==> flow/design.v <==
module plus_blk #(
    parameter W = 32
) (
    input  logic CLK,
    input  logic nrst,
    input  logic [W-1:0] src1,
    input  logic [W-1:0] src2,
    input  logic [W-1:0] src3,
    output logic [W+1:0] s
);
    logic [W-1:0] src1_r;
    logic [W-1:0] src2_r;
    logic [W-1:0] src3_r;
    always_ff @(posedge CLK) begin
        if (!nrst) begin
            src1_r <= 0;
            src2_r <= 0;
            src3_r <= 0;
        end else begin
            src1_r <= src1;
            src2_r <= src2;
            src3_r <= src3;
        end
    end
    assign s = src1_r + src2_r + src3_r;
endmodule
# ---- Tool chain data of plus_blk
# What the tools print for plus_blk, step after step.
# Lines are those of the file above, counted from 1.
# Operators: Yosys type, input widths -> output width; for muxes data width and select width s.
# Library cell names are shortened.
# A cell with n/a has no value.
dict set report design {
  top {plus_blk}
  clock {CLK}
  lib {sky130hd}
  lib_corner {tt_025C_1v80}
}

# ---- Word level
# Source: Yosys, flattened and elaborated, memories not mapped. Widths are those after wreduce; folded enables and synchronous resets count as part of the registers. Registers that Yosys merges into a memory's read port (data or address) are not register bits. Print and check cells do not count. Equal cells are merged and count once.
dict set report word_totals {
  register_bits 96
  latchBits 0
  ramBits 0
  romBits 0
  clocked_rd_ports_x_width 0
  n_memories 0
  inputBits 98
  wordCells 5
}
dict set report classes {
  addsub 2
  multipliers 0
  n_div 0
  n_cmp 0
  n_eq 0
  n_shift 0
  mux 0
  logic 0
  n_reduce_logical 0
}
# cell count
set op_table {}
lappend op_table {{$add 33x32->34} 1}
lappend op_table {{$add 32x32->33} 1}

# ---- Logic depth
# Longest topological path by Yosys (ltp), each cell counted once; first at word level (registers and memories cut), then after technology mapping (sequential cells cut; the memories' decode and read muxes count).
dict set report logic_depth {
  depth_word 2
  abc_area 0
  mapped_depth 11
  ltp_nobuf 11
}

# ---- Mapped cells and area
# Yosys stat after the flow's synthesis: flattened, memories mapped to cells. It holds for the ABC_AREA given above (unset counts as 0); a run with the other value may have another netlist.
dict set report mapped {
  cells 485
  area_mm2 0.0050248
  seqArea_mm2 0.0019218
  ffs 96
}
# type count
set by_type {}
lappend by_type {dfxtp_1 96}
lappend by_type {fa_1 33}
lappend by_type {and2_1 101}
lappend by_type {ha_1 31}
lappend by_type {a21o_1 19}
lappend by_type {xnor2_1 16}
lappend by_type {a21oi_1 26}
lappend by_type {xor2_1 11}
lappend by_type {nand2_1 22}
lappend by_type {o21ai_0 14}
lappend by_type {clkbuf_1 14}
lappend by_type {o211ai_1 7}
lappend by_type {nor2_1 12}
lappend by_type {a31oi_1 7}
lappend by_type {nand4_1 7}
lappend by_type {inv_1 9}
lappend by_type {and3_1 5}
lappend by_type {a211oi_1 4}
# Not listed: further types 29, cells in them 51.

# ---- Worst setup path after synthesis
# OpenSTA on the mapped netlist: ideal clock, no wires. The path of least setup slack (recovery checks aside). Input and output delay are each 20% of the period. Register names are those of the netlist, which keeps one name where synthesis merged equal registers.
dict set report synth_timing {
  path_type {flip-flop to output port}
  from {register src1_r[1]}
  to {output s[31]}
  clock_period_ps 4430
  out_delay_ps 886
  t_first_pin_ps 0
  arrival_time_ps 2836
  slack_ps 708
  path_delay_ps 2836
  stages 10
  n_path_buf 0
  synth_period_reached_ps 3722
}
# "path_delay_ps" is the arrival time less input delay plus setup time.
# At an output port there is no setup time.
# "stages": output pins that drive a net of the path, with the launching flip-flop's if there is one; two outputs of one cell count as two.
# "synth_period_reached_ps" = period - worst setup slack (recovery checks aside). The figure is calculated, with input and output delays left at 20% of the set period.
# The rows between start and end are the longest chain of elaborated cells between them; the timing report does not say that the signal goes this way. Where chains are equally long, one stands for them.
# Each line given opens the expression or statement behind the cell; cells for indexed reads and writes are added by Yosys, which also makes memories of some case tables.
dict set report synth_via {
  cell_sequence {dfxtp_1 -> fa_1 -> ha_1 -> fa_1 -> a21o_1 -> a221oi_4 -> o31ai_4 -> a211oi_4 -> nor3_1 -> a311oi_1}
  elab_chain_len 2
  cells_between 2
  classes_between {add/sub (2)}
}
# element line_no
set synth_rtl {}
lappend synth_rtl {{start: declaration} 11} ;# logic [W-1:0] src1_r;
lappend synth_rtl {{start: assignment} 16} ;# src1_r <= 0;
lappend synth_rtl {{start: assignment} 20} ;# src1_r <= src1;
lappend synth_rtl {{$add 32x32->33} 25} ;# assign s = src1_r + src2_r + src3_r;
lappend synth_rtl {{$add 33x32->34} 25}
lappend synth_rtl {{end: declaration} 9} ;# output logic [W+1:0] s

# ---- Worst path after layout
# From the final timing report of run 1: the path of least setup slack in the routed layout; clock arrival at registers is part of the times.
# The report prints the path's times to 10 ps; the period is as set.
dict set report layout_timing {
  path_type {flip-flop to output port}
  from {register src1_r[1]}
  to {output s[29]}
  clock_period_ps 3030
  out_delay_ps 610
  t_first_pin_ps 350
  arrival_time_ps 3300
  slack_ps -880
  stages 12
  n_path_buf 2
}
# The rows between start and end are the longest chain of elaborated cells between them; the timing report does not say that the signal goes this way. Where chains are equally long, one stands for them.
dict set report layout_via {
  cell_sequence {dfxtp_2 -> fa_1 -> ha_2 -> fa_2 -> a21o_1 -> a221oi_4 -> buf_4 -> o21a_4 -> o31ai_4 -> a2111o_1 -> and3_4 -> buf_6}
  elab_chain_len 2
  cells_between 2
  classes_between {add/sub (2)}
}
# element line_no
set layout_rtl {}
lappend layout_rtl {{start: declaration} 11} ;# logic [W-1:0] src1_r;
lappend layout_rtl {{start: assignment} 16} ;# src1_r <= 0;
lappend layout_rtl {{start: assignment} 20} ;# src1_r <= src1;
lappend layout_rtl {{$add 32x32->33} 25} ;# assign s = src1_r + src2_r + src3_r;
lappend layout_rtl {{$add 33x32->34} 25}
lappend layout_rtl {{end: declaration} 9} ;# output logic [W+1:0] s

# Settings and measured results of 2 stored flow runs for module plus_blk (sky130hd), not sorted in any way. The constraints put input and output delay at 20% of the set period each and load the outputs with 0.01 pF.
# "clock_period_reached_ps" = clock period - worst setup slack. The figure is calculated, with input and output delays left at 20% of the set period.
run="run 1" settings period_ns=3.03 CORE_UTILIZATION=25 PLACE_DENSITY=0.44 CORE_ASPECT_RATIO=1.1 CTS_CLUSTER_DIAMETER=246 CAP_MARGIN=10 SLEW_MARGIN=5 MAX_ROUTING_LAYER="met5" CORE_MARGIN=2
run="run 1" results clock_period_reached_ps=3909 worst_setup_slack_ps=-879 synth_chip_area_mm2=0.0050248 total_die_area_mm2=0.0212506 finalUtil_pct=41.3
run="run 2" settings period_ns=4.43 CAP_MARGIN=20 CORE_MARGIN=2 CORE_UTILIZATION=40 SLEW_MARGIN=20
run="run 2" results clock_period_reached_ps=4360 worst_setup_slack_ps=70 synth_chip_area_mm2=0.0050248 total_die_area_mm2=0.0134746 finalUtil_pct=56.5
